==> flow/design.v <==
module cpu_mult_rtl_pp_row #(parameter N = 4) (
    input wire [N-1:0] a,
    input wire sel,
    input wire [N-1:0] pin,
    output wire [N:0] pout
);
    assign pout = pin + (a & {N{sel}});
endmodule
module cpu_mult_rtl #(
    parameter W = 14
) (
    input wire ck,
    input wire i_rst_n,
    input wire [W-1:0] in_first,
    input wire [W-1:0] in_second,
    output wire [2*W-1:0] out_res
);
    reg [W-1:0] first_reg;
    reg [W-1:0] second_reg;
    always @(posedge ck) begin
        if (~i_rst_n) begin
            first_reg <= 0;
            second_reg <= 0;
        end else begin
            first_reg <= in_first;
            second_reg <= in_second;
        end
    end
    wire [W:0] node [0:W];
    wire [W-1:0] lo;
    assign node[0] = 0;
    genvar k;
    generate
        for (k = 0; k < W; k = k + 1) begin : stage
            cpu_mult_rtl_pp_row #(.N(W)) el (.a(first_reg), .sel(second_reg[k]), .pin(node[k][W:1]), .pout(node[k+1]));
            assign lo[k] = node[k+1][0];
        end
    endgenerate
    assign out_res = {node[W][W:1], lo};
endmodule
* Reports on cpu_mult_rtl *
What the tools print for cpu_mult_rtl, step after step.
Lines are those of the file above, counted from 1.
A cell with n/a has no value.

inputs
  top = cpu_mult_rtl
  clock port = ck
  library = sky130hd
  corner = tt_025C_1v80

* After elaboration *
Counts by Yosys on the flattened word-level netlist (proc, flatten, opt, wreduce; memories kept). Register bits leave out memories and registers merged into their read ports (data or address); mux counts leave out enables and synchronous resets folded into registers. Print and check cells are left out. Cells with the same type and inputs are merged into one.

bit counts
  elaborated cells = 29
  register bits = 28

operators by class
  bitwise operators = 14
  add/sub/neg operators = 13

operators by type and width
  kind                     number
  AND 14 bit               14
  adder 14 x 15 -> 15 bit  12
  adder 13 x 15 -> 15 bit  1

* Logic depth *
Depth = most cells in a row (Yosys ltp): at word level without a register or memory, in the mapped netlist without a sequential cell, where the memories' decode and read muxes count.

depth
  word-level depth = 14
  ABC_AREA = 0
  gate-level depth with buffers = 76
  mapped depth without buffers = 75

* Mapped cells and area *
Yosys stat after the flow's synthesis: flattened, memories mapped to cells. It holds for the ABC_AREA given above (unset counts as 0); a run with the other value may have another netlist.

mapped netlist
  buffer cells = 32
  synthesis area = 9686.8 sq um
  flip-flops = 28
  mapped cells = 1324

cell types
  type                       number  area in all (sq um)
  sky130_fd_sc_hd__ha_1      181     2.26E+03
  sky130_fd_sc_hd__and2_1    219     1.37E+03
  sky130_fd_sc_hd__xnor2_1   91      797.014
  sky130_fd_sc_hd__dfxtp_1   28      560.538
  sky130_fd_sc_hd__a21oi_1   107     535.514
  sky130_fd_sc_hd__o21ai_0   83      415.398
  sky130_fd_sc_hd__xor2_1    40      350.336
  sky130_fd_sc_hd__a21o_1    45      337.824
  sky130_fd_sc_hd__nor2_1    85      319.056
  sky130_fd_sc_hd__inv_1     77      289.027
  sky130_fd_sc_hd__fa_1      13      260.25
  sky130_fd_sc_hd__nand2_1   56      210.202
  sky130_fd_sc_hd__o21a_1    27      202.694
  sky130_fd_sc_hd__nor2b_1   32      200.192
  sky130_fd_sc_hd__nand3_1   25      125.12
  sky130_fd_sc_hd__clkbuf_1  32      120.115
  sky130_fd_sc_hd__a211oi_1  12      90.086
  sky130_fd_sc_hd__nor3_1    18      90.086

Not listed: further types 39, cells in them 153.
By module: a second synthesis without flattening, with its own total; a netlist apart from the flattened one above.

unflattened totals
  cell total of the unflattened synthesis = 1613
  area total of the unflattened synthesis = 11404.7 sq um

Rows give one instance, submodules left out.

by module
  module                       cells  instances  area (sq um)
  cpu_mult_rtl_pp_row #(N=14)  111    14         758.2
  cpu_mult_rtl                 59     1          789.5

* Path before layout *
OpenSTA on the mapped netlist: ideal clock, no wires. The path of least setup slack (recovery checks aside). Input and output delay are each 20% of the period. Register names are those of the netlist, which keeps one name where synthesis merged equal registers.

timing path post-synthesis
  path kind = reg2out
  start point = register second_reg[0]
  end point = output port out_res[26]
  required time = 17.280 ns
  delay of the path = 13.832 ns
  path buffers = 2
  period = 21.6 ns
  path slack = 3.448 ns
  data arrival time = 13.832 ns
  stages on the path = 73
  period reached after synthesis = 18.152 ns

"delay of the path" = arrival - input delay + setup time.
A path that ends at an output port has no setup time.
"stages on the path" counts driving pins, that of a launching flip-flop among them; a cell with two outputs on the path counts twice.
"period reached after synthesis" = period - worst setup slack (recovery checks aside). The figure is calculated, with input and output delays left at 20% of the set period.
The rows between start and end are the longest chain of elaborated cells between them; the timing report does not say that the signal goes this way. Where chains are equally long, one stands for them.
A line is the first line of the expression or statement that the cell stems from. Yosys adds cells for indexed reads and writes and turns some case tables into memories.

between the ends, post-synthesis
  cells stage by stage = sky130_fd_sc_hd__dfxtp_1 -> sky130_fd_sc_hd__clkbuf_1 -> sky130_fd_sc_hd__and2_1 -> sky130_fd_sc_hd__ha_1 -> sky130_fd_sc_hd__fa_1 -> sky130_fd_sc_hd__a21o_1 -> sky130_fd_sc_hd__a21oi_1 -> sky130_fd_sc_hd__o21ai_0 -> sky130_fd_sc_hd__a21o_1 -> sky130_fd_sc_hd__a21oi_1 -> sky130_fd_sc_hd__xnor2_1 -> sky130_fd_sc_hd__ha_1 -> sky130_fd_sc_hd__nand3_1 -> sky130_fd_sc_hd__o211ai_1 -> sky130_fd_sc_hd__nor2_1 -> sky130_fd_sc_hd__xnor2_1 -> sky130_fd_sc_hd__ha_1 -> sky130_fd_sc_hd__clkbuf_1 -> (+37 left out) -> sky130_fd_sc_hd__nand2_1 -> sky130_fd_sc_hd__a41oi_1 -> sky130_fd_sc_hd__nor2b_1 -> sky130_fd_sc_hd__xnor2_1 -> sky130_fd_sc_hd__ha_1 -> sky130_fd_sc_hd__xor2_1 -> sky130_fd_sc_hd__ha_1 -> sky130_fd_sc_hd__and3_1 -> sky130_fd_sc_hd__a221o_1 -> sky130_fd_sc_hd__nand2b_1 -> sky130_fd_sc_hd__xor2_1 -> sky130_fd_sc_hd__ha_1 -> sky130_fd_sc_hd__and2_1 -> sky130_fd_sc_hd__a31oi_1 -> sky130_fd_sc_hd__o21ai_0 -> sky130_fd_sc_hd__o21ai_0 -> sky130_fd_sc_hd__o221ai_1 -> sky130_fd_sc_hd__xor2_1
  length of the longest elaborated chain = 14
  elaborated cells on any way between the ends = 14
  source lines of those cells = 1

ends and longest elaborated chain, post-synthesis
  element                      RTL line  text
  start: declaration           19        reg [W-1:0] second_reg;
  start: assignment            23        second_reg <= 0;
  start: assignment            26        second_reg <= in_second;
  AND 14 bit                   7         assign pout = pin + (a & {N{sel}});
  adder 13 x 15 -> 15 bit      7
  adder 14 x 15 -> 15 bit x12  7
  end: declaration             16        output wire [2*W-1:0] out_res

* Timing after layout *
From the final timing report of flow run 1: the path of least setup slack in the routed layout; clock arrival at registers is part of the times.

timing path post-layout
  path kind = reg2out
  start point = register first_reg[0]
  end point = output port out_res[26]
  period = 21.6 ns
  required time = 17.28 ns
  data arrival time = 15.86 ns
  path buffers = 1
  stages on the path = 72
  path slack = 1.42 ns

The rows between start and end are the longest chain of elaborated cells between them; the timing report does not say that the signal goes this way. Where chains are equally long, one stands for them.

between the ends, post-layout
  cells stage by stage = sky130_fd_sc_hd__dfxtp_2 -> sky130_fd_sc_hd__and2_1 -> sky130_fd_sc_hd__ha_1 -> sky130_fd_sc_hd__fa_1 -> sky130_fd_sc_hd__a21o_1 -> sky130_fd_sc_hd__a21oi_1 -> sky130_fd_sc_hd__o21ai_0 -> sky130_fd_sc_hd__a21o_1 -> sky130_fd_sc_hd__a21oi_1 -> sky130_fd_sc_hd__xnor2_1 -> sky130_fd_sc_hd__ha_1 -> sky130_fd_sc_hd__nand3_1 -> sky130_fd_sc_hd__o211ai_1 -> sky130_fd_sc_hd__nor2_1 -> sky130_fd_sc_hd__xnor2_1 -> sky130_fd_sc_hd__ha_1 -> sky130_fd_sc_hd__and3_1 -> sky130_fd_sc_hd__a211oi_2 -> (+36 left out) -> sky130_fd_sc_hd__a41oi_1 -> sky130_fd_sc_hd__nor2b_1 -> sky130_fd_sc_hd__xnor2_1 -> sky130_fd_sc_hd__ha_1 -> sky130_fd_sc_hd__xor2_1 -> sky130_fd_sc_hd__ha_1 -> sky130_fd_sc_hd__and3_1 -> sky130_fd_sc_hd__a221o_1 -> sky130_fd_sc_hd__nand2b_1 -> sky130_fd_sc_hd__xor2_1 -> sky130_fd_sc_hd__ha_1 -> sky130_fd_sc_hd__and2_1 -> sky130_fd_sc_hd__a31oi_1 -> sky130_fd_sc_hd__o21ai_0 -> sky130_fd_sc_hd__o21ai_0 -> sky130_fd_sc_hd__o221ai_1 -> sky130_fd_sc_hd__xor2_1 -> sky130_fd_sc_hd__clkdlybuf4s50_1
  length of the longest elaborated chain = 14
  elaborated cells on any way between the ends = 26
  source lines of those cells = 1

ends and longest elaborated chain, post-layout
  element                      RTL line  text
  start: declaration           18        reg [W-1:0] first_reg;
  start: assignment            22        first_reg <= 0;
  start: assignment            25        first_reg <= in_first;
  AND 14 bit                   7         assign pout = pin + (a & {N{sel}});
  adder 13 x 15 -> 15 bit      7
  adder 14 x 15 -> 15 bit x12  7
  end: declaration             16        output wire [2*W-1:0] out_res

Memo
Re: implementation data of cpu_mult_rtl

3 stored runs of cpu_mult_rtl in the flow (synthesis by Yosys, layout by OpenROAD, sky130hd cells), in arbitrary order. Constraints: input delay and output delay 20% of the set period each, output load 0.01 pF.
"worst setup path time (ns)" means the part of the period allowed to the worst setup path (the constraints hold back 20% at inputs and 20% at outputs) less its slack; where the path has registers, the arrival times of their clocks count too.
By "finish__power__total" is meant OpenSTA's value without simulated activity: inputs other than the clock are taken to toggle once in ten clock periods, and the tool carries that through the logic.

settings of flow run 1
{
  "period_ns": 21.6,
  "CAP_MARGIN": 20,
  "CORE_MARGIN": 2,
  "CORE_UTILIZATION": 40,
  "SLEW_MARGIN": 20
}
report of flow run 1
yosys chip area after synthesis (um^2): 9686.8
finish__design__die__area: 25478.5
finish__design__instance__area__stdcell: 10639.0
finish__design__instance__utilization: 0.4506
finish__timing__setup__ws: 1.417
finish__timing__setup__tns: 0.000
finish__timing__hold__ws: 4.612
finish__power__total: 4.705e-04
worst setup path time (ns): 15.86
worst setup path kind: reg2out

settings of flow run 2
{
  "period_ns": 12.4,
  "CORE_UTILIZATION": 64,
  "PLACE_DENSITY": 0.58,
  "HOLD_SLACK_MARGIN": 0.07,
  "CORE_MARGIN": 6,
  "CELL_PAD_IN_SITES_DETAIL_PLACEMENT": 2,
  "TNS_END_PERCENT": 45,
  "ABC_AREA": 0,
  "GPL_TIMING_DRIVEN": 0,
  "GPL_ROUTABILITY_DRIVEN": 1,
  "CTS_CLUSTER_SIZE": 26,
  "MIN_ROUTING_LAYER": "met1",
  "CAP_MARGIN": 20,
  "SLEW_MARGIN": 20
}
report of flow run 2: did not finish, place, DPL-0033

settings of flow run 3
{
  "period_ns": 20.8,
  "CORE_UTILIZATION": 62,
  "SETUP_SLACK_MARGIN": 3.82,
  "PLACE_DENSITY": 0.7,
  "CORE_MARGIN": 8,
  "CELL_PAD_IN_SITES_GLOBAL_PLACEMENT": 0,
  "TNS_END_PERCENT": 85,
  "CTS_CLUSTER_SIZE": 94,
  "CTS_CLUSTER_DIAMETER": 71,
  "SLEW_MARGIN": 40,
  "MIN_ROUTING_LAYER": "met1",
  "CAP_MARGIN": 20
}
report of flow run 3
yosys chip area after synthesis (um^2): 9686.8
finish__design__die__area: 19879.6
finish__design__instance__area__stdcell: 12216.7
finish__design__instance__utilization: 0.8007
finish__timing__setup__ws: 2.510
finish__timing__setup__tns: 0.000
finish__timing__hold__ws: 4.368
finish__power__total: 5.674e-04
worst setup path time (ns): 14.13
worst setup path kind: reg2out
